==> flow/design.v <==
module core_add_core_p #(
    parameter W = 6
) (
    input wire clock,
    input wire [W-1:0] da,
    input wire [W-1:0] db,
    input wire ci,
    output wire [W-1:0] total,
    output wire carry
);
    reg [W-1:0] da_ff;
    reg [W-1:0] db_ff;
    reg ci_ff;
    reg [W-1:0] t;
    reg c;
    integer k;
    always @(*) begin
        c = ci_ff;
        for (k = 0; k < W; k = k + 1) begin
            t[k] = da_ff[k] ^ db_ff[k] ^ c;
            c = (da_ff[k] & db_ff[k]) | (c & (da_ff[k] | db_ff[k]));
        end
    end
    assign total = t;
    assign carry = c;
    always @(posedge clock) begin
        da_ff <= da;
        db_ff <= db;
        ci_ff <= ci;
    end
endmodule
==> reports on core_add_core_p <==
## Step by step through the tools: core_add_core_p

Tool output for the members of one design family, told apart by "W", in the order of the flow.
The RTL above is that of W 6; lines are counted from 1 in the file of the member named.
Operators carry their Yosys type and port widths (W data, S select, Z words).
Library cell names are shortened.
A cell with -- has no value.

| design | value |
|---|---|
| top | core_add_core_p |
| clock input | clock |
| standard-cell library | sky130hd |
| corner | tt_025C_1v80 |

## Source of the members

New or changed lines of each further member against the RTL above, in its own file; lines it lacks are not shown.

Lines new or changed:

| W | RTL line | source |
|---|---|---|
| 14 | 2 | `parameter W = 14` |
| 16 | 2 | `parameter W = 16` |
| 56 | 2 | `parameter W = 56` |
| 96 | 2 | `parameter W = 96` |

## After elaboration

Source: Yosys, flattened and elaborated, memories not mapped. Widths are those after wreduce; folded enables and synchronous resets count as part of the registers. Registers that Yosys merges into a memory's read port (data or address) are not register bits. Print and check cells do not count. Equal cells are merged and count once.

Bit counts:

| W | flip-flop bits (word level) | output and inout bits | word-level cells |
|---|---|---|---|
| 6 | 13 | 7 | 39 |
| 14 | 29 | 15 | 87 |
| 16 | 33 | 17 | 99 |
| 56 | 113 | 57 | 339 |
| 96 | 193 | 97 | 579 |

Operators by class:

| W | bitwise logic cells |
|---|---|
| 6 | 36 |
| 14 | 84 |
| 16 | 96 |
| 56 | 336 |
| 96 | 576 |

Operators by type and width:

| W | kind and count |
|---|---|
| 6 | 12 x $and A1 B1 Y1; 12 x $or A1 B1 Y1; 12 x $xor A1 B1 Y1 |
| 14 | 28 x $and A1 B1 Y1; 28 x $or A1 B1 Y1; 28 x $xor A1 B1 Y1 |
| 16 | 32 x $and A1 B1 Y1; 32 x $or A1 B1 Y1; 32 x $xor A1 B1 Y1 |
| 56 | 112 x $and A1 B1 Y1; 112 x $or A1 B1 Y1; 112 x $xor A1 B1 Y1 |
| 96 | 192 x $and A1 B1 Y1; 192 x $or A1 B1 Y1; 192 x $xor A1 B1 Y1 |

## Depth

Yosys ltp: most cells in a row. Word level: on the elaborated netlist, between registers, memories and ports. Mapped: between sequential cells and ports; inverters and the memories' decode and read muxes count.

Logic depth:

| W | depth after elaboration | ABC_AREA | mapped depth |
|---|---|---|---|
| 6 | 13 | 0 | 10 |
| 14 | 29 | 0 | 18 |
| 16 | 33 | 0 | 20 |
| 56 | 113 | 0 | 60 |
| 96 | 193 | 0 | 100 |

## Netlist

Yosys stat after the flow's synthesis: flattened, memories mapped to cells. It holds for the ABC_AREA given above (unset counts as 0); a run with the other value may have another netlist.
Totals and module areas in this step are rounded.

Synthesis totals:

| W | standard cells after synthesis | mapped area (µm²) | flip-flop cells | buffers |
|---|---|---|---|---|
| 6 | 29 | 417.9 | 13 | 0 |
| 14 | 53 | 898.4 | 29 | 0 |
| 16 | 59 | 1018 | 33 | 0 |
| 56 | 179 | 3421 | 113 | 0 |
| 96 | 299 | 5823 | 193 | 0 |

Cells by type:

| W | type and count |
|---|---|
| 6 | 13 x dfxtp_1; 6 x fa_1; 10 x inv_1 |
| 14 | 29 x dfxtp_1; 14 x fa_1; 10 x inv_1 |
| 16 | 33 x dfxtp_1; 16 x fa_1; 10 x inv_1 |
| 56 | 113 x dfxtp_1; 56 x fa_1; 10 x inv_1 |
| 96 | 193 x dfxtp_1; 96 x fa_1; 10 x inv_1 |

## Worst setup path after synthesis

OpenSTA on the mapped netlist: ideal clock, no wires. The path of least setup slack (recovery checks aside). Input and output delay are each 20% of the period. Register names are those of the netlist, which keeps one name where synthesis merged equal registers.

Path after synthesis:

| W | kind | start | end | period (ps) | slack (ps) | stages on the path | delay of the path (ps) | synthesis period reached (ps) |
|---|---|---|---|---|---|---|---|---|
| 6 | register -> output | reg da_ff[0] | out total[5] | 4080 | 652 | 11 | 2612 | 3428 |
| 14 | register -> output | reg da_ff[0] | out total[13] | 8830 | 1415 | 19 | 5649 | 7415 |
| 16 | register -> output | reg da_ff[0] | out total[15] | 10000 | 1591 | 21 | 6409 | 8409 |
| 56 | register -> output | reg da_ff[0] | out total[55] | 33700 | 5362 | 61 | 21598 | 28338 |
| 96 | register -> output | reg da_ff[0] | out total[95] | 57500 | 9213 | 101 | 36787 | 48287 |

"delay of the path" = arrival - input delay + setup time.
At an output port there is no setup time.
"stages on the path" counts driving pins, that of a launching flip-flop among them; a cell with two outputs on the path counts twice.
"synthesis period reached" is the clock period less the worst setup slack; recovery checks do not enter. This is arithmetic on one report: input and output delays are still those of the set period (20% each).
The rows between start and end are the longest chain of elaborated cells between them; the timing report does not say that the signal goes this way. Where chains are equally long, one stands for them.
A line is the first line of the expression or statement that the cell stems from. Yosys adds cells for indexed reads and writes and turns some case tables into memories.

| between the ends, after synthesis, W 6 | value |
|---|---|
| cells in the longest elaborated chain | 12 |

RTL lines, path after synthesis, W 6:

| what | RTL line | source |
|---|---|---|
| start: declaration | 11 | `reg [W-1:0] da_ff;` |
| start: assignment | 27 | `da_ff <= da;` |
| $or A1 B1 Y1 | 21 | `c = (da_ff[k] & db_ff[k]) \| (c & (da_ff[k] \| db_ff[k]));` |
| $and A1 B1 Y1 | 21 |  |
| $or A1 B1 Y1 | 21 |  |
| $and A1 B1 Y1 | 21 |  |
| $or A1 B1 Y1 | 21 |  |
| $and A1 B1 Y1 | 21 |  |
| $or A1 B1 Y1 | 21 |  |
| $and A1 B1 Y1 | 21 |  |
| $or A1 B1 Y1 | 21 |  |
| $and A1 B1 Y1 | 21 |  |
| $or A1 B1 Y1 | 21 |  |
| $xor A1 B1 Y1 | 20 | `t[k] = da_ff[k] ^ db_ff[k] ^ c;` |
| end: declaration | 8 | `output wire [W-1:0] total,` |

| between the ends, after synthesis, W 96 | value |
|---|---|
| cells in the longest elaborated chain | 192 |

RTL lines, path after synthesis, W 96:

| what | RTL line | source |
|---|---|---|
| start: declaration | 11 | `reg [W-1:0] da_ff;` |
| start: assignment | 27 | `da_ff <= da;` |
| $or A1 B1 Y1 | 21 | `c = (da_ff[k] & db_ff[k]) \| (c & (da_ff[k] \| db_ff[k]));` |
| $and A1 B1 Y1 | 21 |  |
| $or A1 B1 Y1 | 21 |  |
| $and A1 B1 Y1 | 21 |  |
| $or A1 B1 Y1 | 21 |  |
| $and A1 B1 Y1 | 21 |  |
| $or A1 B1 Y1 | 21 |  |
| (+178 left out) | -- |  |
| $and A1 B1 Y1 | 21 |  |
| $or A1 B1 Y1 | 21 |  |
| $and A1 B1 Y1 | 21 |  |
| $or A1 B1 Y1 | 21 |  |
| $and A1 B1 Y1 | 21 |  |
| $or A1 B1 Y1 | 21 |  |
| $xor A1 B1 Y1 | 20 | `t[k] = da_ff[k] ^ db_ff[k] ^ c;` |
| end: declaration | 8 | `output wire [W-1:0] total,` |

## Timing after layout

From the final timing report of each member's run: the path of least setup slack in the routed layout; clock arrival at registers is part of the times.
The path's times are printed in steps of 10 ps; the period is the one set.

Path post-layout:

| W | kind | start | end | period (ps) | slack (ps) | stages on the path | arrival (ps) |
|---|---|---|---|---|---|---|---|
| 6 | register -> output | reg da_ff[0] | out carry | 4080 | 170 | 12 | 3100 |
| 14 | register -> output | reg da_ff[0] | out total[13] | 8830 | 350 | 20 | 6720 |
| 16 | register -> output | reg da_ff[0] | out total[15] | 10000 | 550 | 22 | 7450 |
| 56 | register -> output | reg da_ff[0] | out total[55] | 33700 | 3450 | 62 | 23510 |
| 96 | register -> output | reg da_ff[0] | out total[95] | 57500 | 6630 | 102 | 39370 |

## Flow runs

One run of the flow (Yosys, OpenROAD) for each member, with settings and measured results. Input and output delays are each 20% of the period that was set; the output load is 0.01 pF.

| settings | value |
|---|---|
| CAP_MARGIN | 20 |
| CORE_MARGIN | 2 |
| CORE_UTILIZATION | 40 |
| SLEW_MARGIN | 20 |

Settings that differ:

| W | period_ns |
|---|---|
| 6 | 4.08 |
| 14 | 8.83 |
| 16 | 10.0 |
| 56 | 33.7 |
| 96 | 57.5 |

Final reports:

| W | chip area after synthesis (Yosys) (µm²) | die size (µm²) | standard-cell area after layout (µm²) | utilization after layout (%) | worst setup slack after layout (ps) | final setup TNS (ps) | worst hold slack (ps) | power (mW) | achieved period (ps) |
|---|---|---|---|---|---|---|---|---|---|
| 6 | 417.9 | 1319 | 651.9 | 68.6 | 166 | 0 | 991 | 0.2528 | 3914 |
| 14 | 898.4 | 2641 | 1444 | 66.6 | 348 | 0 | 1878 | 0.2895 | 8482 |
| 16 | 1018 | 2966 | 1642 | 66.9 | 551 | 0 | 2103 | 0.3024 | 9449 |
| 56 | 3421 | 9307 | 5861 | 71.0 | 3453 | 0 | 6680 | 0.3887 | 30247 |
| 96 | 5823 | 15540 | 9493 | 66.1 | 6633 | 0 | 11520 | 0.3177 | 50867 |

"achieved period" is the run's clock period less its worst setup slack. It is reckoned from that one timing run; input and output delays stay at 20% of the period that was set.
"power": no workload was simulated; the value follows from the tool's default switching activity.
Results are given in rounded form.
